==> flow/design.v <==
module core_barrel_p (clock, src, count, q);
    parameter DATA_W = 8;
    localparam SEL_W = $clog2(DATA_W);
    input clock;
    input [DATA_W-1:0] src;
    input [SEL_W-1:0] count;
    output [DATA_W-1:0] q;
    reg [DATA_W-1:0] src_s;
    reg [SEL_W-1:0] count_s;
    always @(posedge clock) begin
        src_s <= src;
        count_s <= count;
    end
    wire [2*DATA_W-1:0] nxt;
    assign nxt = {src_s, src_s} >> count_s;
    assign q = nxt[DATA_W-1:0];
endmodule
# From RTL to reports: core_barrel_p
# Module core_barrel_p in several versions that differ in "DATA_W"; each step lists the members.
# The RTL above is that of DATA_W = 8; lines are counted from 1 in the file of the member named.
# Operators carry their Yosys type and port widths (W data, S select, Z words).
# Cell names lack the library's common part.
# Not given: --
# setup
design,core_barrel_p
clock_port,clock
cell_library,sky130hd
pvt_corner,tt_025C_1v80

# Source of the members
# Lines of each other member's file that are new or changed against the file above; lines that a member lacks are not shown.
# src_changes
DATA_W,line,rtl
10,2,parameter DATA_W = 10;
96,2,parameter DATA_W = 96;
128,2,parameter DATA_W = 128;

# Elaborated design
# Counts by Yosys on the flattened word-level netlist (proc, flatten, opt, wreduce; memories kept). Register bits leave out memories and registers merged into their read ports (data or address); mux counts leave out enables and synchronous resets folded into registers. Print and check cells are left out. Cells with the same type and inputs are merged into one.
# word_totals
DATA_W,clocked_rd_ports_x_width,out_inout_bits,register_bits,rom_bits,mem_count,ram_bits,in_bits,latchBits,word_cells
8,0,8,11,0,0,0,12,0,3
10,0,10,14,0,0,0,15,0,3
96,0,96,103,0,0,0,104,0,3
128,0,128,135,0,0,0,136,0,3
# op_classes
DATA_W,cmp,shifts,equal,n_div,n_logic,n_mul,n_reduce_logical,n_addsub,n_mux
8,0,1,0,0,0,0,0,0,0
10,0,1,0,0,0,0,0,0,0
96,0,1,0,0,0,0,0,0,0
128,0,1,0,0,0,0,0,0,0
# ops
DATA_W,operators
8,1 x $shr A16 B3 Y8
10,1 x $shr A20 B4 Y10
96,1 x $shr A192 B7 Y96
128,1 x $shr A256 B7 Y128

# Longest topological paths
# Yosys ltp: most cells in a row. Word level: on the elaborated netlist, between registers, memories and ports. Mapped: between sequential cells and ports; inverters and the memories' decode and read muxes count.
# depth
DATA_W,depth_word,ABC_AREA,ltp_mapped,mapped_depth_nobuf
8,1,0,3,2
10,1,0,6,4
96,1,0,12,6
128,1,0,6,4

# Synthesis result
# Source: synth_stat.txt of the flow (Yosys; design flattened, memories mapped). It holds for the ABC_AREA given above (unset counts as 0); a run with the other value may have another netlist.
# by_type
DATA_W,type_list
8,11 x dfxtp_1; 8 x mux4_1; 8 x mux2_2; 2 x buf_6; 1 x buf_1
10,14 x dfxtp_1; 22 x mux2i_1; 6 x mux4_2; 4 x mux4_1; 3 x mux2_2; 4 x a21oi_1; 4 x buf_2; 5 x nand2_1; 5 x nor2_1; 2 x o211ai_1; 3 x o21ai_0; 2 x nand2b_1; 2 x o22ai_1; 1 x buf_6; 1 x a211oi_1; 1 x a21o_1; 2 x buf_1; 1 x nand3b_1; [+3]
96,149 x mux4_2; 103 x dfxtp_1; 109 x mux2_2; 103 x mux2i_1; 114 x nand2_1; 67 x o22ai_1; 105 x nor2_1; 61 x o21ai_0; 53 x a21oi_1; 34 x a22oi_1; 61 x clkbuf_1; 43 x buf_2; 25 x a211oi_1; 19 x a22o_1; 13 x a221oi_1; 13 x o221ai_1; 15 x o211ai_1; 21 x nand3_1; [+202]
128,384 x mux4_2; 135 x dfxtp_1; 128 x mux2_2; 59 x clkbuf_1; 24 x buf_1; 7 x buf_6; 7 x buf_4; 1 x buf_2
# A list marked [+n] leaves out that many cells.
# mapped
DATA_W,ffs,mapped_cells,sequential_area_mm2,buf_cells,synth_area_mm2
8,11,30,0.0002202,3,0.0005468
10,14,85,0.0002803,8,0.0009647
96,103,1310,0.002062,136,0.0124732
128,135,745,0.0027026,98,0.0132402

# Timing after synthesis
# Source: OpenSTA report_checks on the synthesized netlist (no wires, ideal clock, input and output delay 20% of the period each), path of least setup slack; recovery checks are left aside. Register names are those of the netlist, which keeps one name where synthesis merged equal registers.
# synth_timing
DATA_W,path_kind,from,to,path_slack_ns,stages,delay_ns,period_ns,period_less_setup_slack_ns
8,reg-to-output,reg count_s[0],out q[0],0.321,4,1.279,2.0,1.679
10,reg-to-output,reg count_s[0],out q[3],0.384,5,1.528,2.39,2.006
96,reg-to-output,reg count_s[3],out q[67],0.612,9,2.452,3.83,3.218
128,reg-to-output,reg count_s[3],out q[106],0.656,7,2.624,4.1,3.444
# "delay_ns" is the arrival time less input delay plus setup time.
# At an output port there is no setup time.
# "stages" counts driving pins, that of a launching flip-flop among them; a cell with two outputs on the path counts twice.
# "period_less_setup_slack_ns" = period - worst setup slack (recovery checks aside). The figure is calculated, with input and output delays left at 20% of the set period.
# The rows between start and end are the longest chain of elaborated cells between them; the timing report does not say that the signal goes this way. Where chains are equally long, one stands for them.
# A line is the first line of the expression or statement that the cell stems from. Yosys adds cells for indexed reads and writes and turns some case tables into memories.
# synth_between_DATA_W_8
elab_chain_len,1
# synth_rtl_DATA_W_8
item,line,rtl
start: declaration,9,reg [SEL_W-1:0] count_s;
start: assignment,12,count_s <= count;
$shr A16 B3 Y8,15,"assign nxt = {src_s, src_s} >> count_s;"
end: declaration,7,output [DATA_W-1:0] q;
# synth_between_DATA_W_128
elab_chain_len,1
# synth_rtl_DATA_W_128
item,line,rtl
start: declaration,9,reg [SEL_W-1:0] count_s;
start: assignment,12,count_s <= count;
$shr A256 B7 Y128,15,"assign nxt = {src_s, src_s} >> count_s;"
end: declaration,7,output [DATA_W-1:0] q;

# Worst path after layout
# From the final timing report of the run of each member: the path of least setup slack in the routed layout; clock arrival at registers is part of the times.
# layout_timing
DATA_W,path_kind,from,to,path_slack_ns,period_ns,arrival_ns,n_path_buf,stages
8,reg-to-output,reg count_s[0],out q[0],-0.05,2.0,1.65,2,5
10,reg-to-output,reg count_s[0],out q[3],0.00,2.39,1.91,2,5
96,reg-to-output,reg count_s[1],out q[59],-0.18,3.83,3.25,5,12
128,reg-to-output,reg count_s[0],out q[30],-0.25,4.1,3.53,6,11

# Measured runs
# Settings and results of one run of the flow (Yosys, OpenROAD) for each member follow. The constraints put input and output delay at 20% of the set period each and load the outputs with 0.01 pF.
# flow_settings
CAP_MARGIN,20
CORE_MARGIN,2
CORE_UTILIZATION,40
SLEW_MARGIN,20
# settings_diff
DATA_W,period_ns
8,2.0
10,2.39
96,3.83
128,4.1
# results
DATA_W,post_synth_area_mm2,timing.achieved_period_ns,total_die_area_mm2,worstSetupSlack_ns,total_negative_slack_ns,totalPower_mw,finish.stdcell_area_mm2,holdWs_ns,layout_utilization_pct
8,0.0005468,2.053,0.0016785,-0.053,-0.362,0.5390,0.0007833,0.578,61.0
10,0.0009647,2.387,0.0028207,0.003,0.000,0.6627,0.0014101,0.624,62.5
96,0.0124732,4.013,0.0326109,-0.183,-2.137,5.888,0.0194774,0.831,63.5
128,0.0132402,4.353,0.0345718,-0.253,-19.266,6.280,0.0179735,0.811,55.2
# "timing.achieved_period_ns" means the clock period less the worst setup slack. The figure is calculated, with input and output delays left at 20% of the set period.
# "totalPower_mw" is the tool's figure for a default switching activity; nothing was simulated.
